==> flow/design.v <==
module cpu_data_mux_top #(
    parameter int WD = 32
) (
    input  logic sys_clk,
    input  logic enable,
    input  logic [WD-1:0] src0,
    input  logic [WD-1:0] src1,
    input  logic [WD-1:0] src2,
    input  logic [1:0] choose,
    output logic [WD-1:0] out
);
    logic [WD-1:0] src0_ff;
    logic [WD-1:0] src1_ff;
    logic [WD-1:0] src2_ff;
    logic [1:0] choose_ff;
    always_ff @(posedge sys_clk) begin
        if (enable) begin
            src0_ff <= src0;
            src1_ff <= src1;
            src2_ff <= src2;
            choose_ff <= choose;
        end
    end
    logic [WD-1:0] val;
    assign val =
        (choose_ff == 2'd0) ? src0_ff :
        (choose_ff == 2'd1) ? src1_ff :
        src2_ff;
    assign out = val;
endmodule
* From RTL to reports: cpu_data_mux_top
The steps from the RTL of cpu_data_mux_top to its reports follow in flow order.
Lines are those of the file above, counted from 1.
Library cell names are shortened.
A cell with -- has no value.
- Top :: cpu_data_mux_top
- Clock input :: sys_clk
- Cell library :: sky130hd
- Library corner :: tt_025C_1v80

* Elaborated design
Counts by Yosys on the flattened word-level netlist (proc, flatten, opt, wreduce; memories kept). Register bits leave out memories and registers merged into their read ports (data or address); mux counts leave out enables and synchronous resets folded into registers. Print and check cells are left out. Cells with the same type and inputs are merged into one.
- Register bits after elaboration :: 98
- Bits in latches :: 0
- Word width x clocked read ports :: 0
- Memories kept :: 0
- Input bits :: 100
- Elaborated cells :: 8
- ROM bits :: 0
- Bits in writable memories :: 0
- Output and inout port bits :: 32
- Magnitude comparators :: 0
- Shift-type cells :: 0
- Bitwise logic cells :: 0
- Divide/modulo/power cells :: 0
- Reduce/logical cells :: 1
- Multiplexer cells :: 2
- Equal/unequal tests :: 1
- Add/subtract/negate cells :: 0
- Multipliers :: 0
** Operator list (number)
- 32-bit two-way mux :: 2
- 2-bit by 1-bit equality test with 1-bit output with constant B :: 1
- 2-bit logical NOT :: 1

* Logic depth
Longest topological path by Yosys (ltp), each cell counted once; first at word level (registers and memories cut), then after technology mapping (sequential cells cut; the memories' decode and read muxes count).
- Depth after elaboration :: 3
- ABC_AREA :: 1
- Gate-level depth with buffers :: 5
- Mapped depth without buffers :: 3

* Netlist
Source: synth_stat.txt of the flow (Yosys; design flattened, memories mapped). It holds for the ABC_AREA given above (unset counts as 0); a run with the other value may have another netlist.
Totals and module areas in this step are rounded.
** Cell types
- edfxtp_1 :: number 98, total area 2.94E+03 µm²
- nand3_1 :: number 64, total area 320.307 µm²
- nand2_1 :: number 64, total area 240.23 µm²
- buf_6 :: number 5, total area 56.304 µm²
- buf_8 :: number 3, total area 45.043 µm²
- buf_2 :: number 6, total area 30.029 µm²
- nor2_8 :: number 1, total area 20.019 µm²
- inv_2 :: number 1, total area 3.754 µm²
- Standard cells after synthesis :: 242
- Cell area after synthesis :: 3660 µm²
- Area of sequential cells :: 2940 µm²
- Buffers :: 14
- Flip-flop cells :: 98

* Timing after synthesis
OpenSTA on the mapped netlist: ideal clock, no wires. The path of least setup slack (recovery checks aside). Input and output delay are each 20% of the period. Register names are those of the netlist, which keeps one name where synthesis merged equal registers.
- Kind :: flip-flop to output port
- Start :: register (name not given)
- End :: output port out[0]
- Path delay :: 0.918 ns
- Data required time :: 1.192 ns
- Period :: 1.49 ns
- Launch time at the first pin :: 0.000 ns
- Arrival :: 0.918 ns
- Path buffers :: 2
- Output delay :: 0.298 ns
- Setup slack :: 0.274 ns
- Driving pins on the path :: 6
- Synthesis period reached :: 1.216 ns
"path delay" is the arrival time less input delay plus setup time.
A path that ends at an output port has no setup time.
"driving pins on the path": output pins that drive a net of the path, with the launching flip-flop's if there is one; two outputs of one cell count as two.
"synthesis period reached" = period - worst setup slack (recovery checks aside). The figure is calculated, with input and output delays left at 20% of the set period.
The rows between start and end are the longest chain of elaborated cells between them; the timing report does not say that the signal goes this way. Where chains are equally long, one stands for them.
Each line given opens the expression or statement behind the cell; cells for indexed reads and writes are added by Yosys, which also makes memories of some case tables.
- Cell sequence :: edfxtp_1 buf_6 nor2_8 buf_8 nand2_1 nand3_1
- Length of the longest elaborated chain :: 3
- Elaborated cells on any way between the ends :: 4
- RTL lines with such cells :: 2
- Classes of those cells :: eq/ne (1); mux (2); reduce/logical (1)
** RTL lines, path post-synthesis
- from (decl) :: line 15
- from (assign) :: line 21
- 2-bit by 1-bit equality test with 1-bit output :: line 27
- 32-bit two-way mux :: line 27
- 32-bit two-way mux :: line 26
- to (decl) :: line 10 : output logic [WD-1:0] out

* Path in the finished layout
Path of least setup slack in the final report of stored run 2 (OpenROAD, finished layout, wires in). Where an end is a register, its clock arrival counts in the times.
- Kind :: flip-flop to output port
- Start :: register (name not given)
- End :: output port out[13]
- Arrival :: 1.61 ns
- Period :: 0.871 ns
- Launch time at the first pin :: 0.34 ns
- Setup slack :: -0.91 ns
- Output delay :: 0.17 ns
- Data required time :: 0.70 ns
- Path buffers :: 4
- Driving pins on the path :: 8
The rows between start and end are the longest chain of elaborated cells between them; the timing report does not say that the signal goes this way. Where chains are equally long, one stands for them.
- Cell sequence :: edfxtp_1 buf_6 nor2_8 buf_6 buf_16 nand2_4 nand3_4 buf_6
- Length of the longest elaborated chain :: 3
- Elaborated cells on any way between the ends :: 4
- RTL lines with such cells :: 2
- Classes of those cells :: eq/ne (1); mux (2); reduce/logical (1)
** RTL lines, path after layout
- from (decl) :: line 15
- from (assign) :: line 21
- 2-bit by 1-bit equality test with 1-bit output :: line 27
- 32-bit two-way mux :: line 27
- 32-bit two-way mux :: line 26
- to (decl) :: line 10 : output logic [WD-1:0] out

Add stored flow runs of cpu_data_mux_top

Stored flow runs of cpu_data_mux_top (3 of them; Yosys, OpenROAD, sky130hd). They differ in their settings and are not a sequence. Constraints: input delay and output delay 20% of the set period each, output load 0.01 pF.
By "allowed time less slack (worst setup path)" is meant the share of the clock period that the worst setup path is allowed (20% is reserved at inputs, 20% at outputs), minus its slack. Clock arrival times at its registers enter into it.
Values from the reports are rounded here.

** Stored run 1
- Settings :: period_ns=1.61; CORE_UTILIZATION=59; PLACE_DENSITY_LB_ADDON=0.12; HOLD_SLACK_MARGIN=0.18; CORE_ASPECT_RATIO=1.65; CELL_PAD_IN_SITES_GLOBAL_PLACEMENT=1; GPL_TIMING_DRIVEN=0; GPL_ROUTABILITY_DRIVEN=1; CTS_CLUSTER_DIAMETER=368; CAP_MARGIN=20; MAX_ROUTING_LAYER=met5; CORE_MARGIN=2; SLEW_MARGIN=20
- Outcome :: did not finish, placement stopped with FLW-0024

** Stored run 2
- Settings :: period_ns=0.871; CORE_UTILIZATION=16; SETUP_SLACK_MARGIN=0.02; PLACE_DENSITY_LB_ADDON=0.02; CORE_MARGIN=2; CELL_PAD_IN_SITES_DETAIL_PLACEMENT=0; TNS_END_PERCENT=100; ABC_AREA=1; CTS_CLUSTER_DIAMETER=310; CAP_MARGIN=10; SLEW_MARGIN=35; MIN_ROUTING_LAYER=met1; MAX_ROUTING_LAYER=met4
- Allowed time less slack (worst setup path) :: 1.61 ns
- Worst setup path type :: flip-flop to output port
- Die size :: 24100 µm²
- Netlist area reported by Yosys :: 3660 µm²
- Worst setup slack after layout :: -0.910 ns
- Standard-cell area after layout :: 6590 µm²

** Stored run 3
- Settings :: period_ns=1.49; CAP_MARGIN=20; CORE_MARGIN=2; CORE_UTILIZATION=40; SLEW_MARGIN=20
- Allowed time less slack (worst setup path) :: 1.47 ns
- Worst setup path type :: flip-flop to output port
- Die size :: 9920 µm²
- Netlist area reported by Yosys :: 3660 µm²
- Worst setup slack after layout :: -0.275 ns
- Standard-cell area after layout :: 5150 µm²
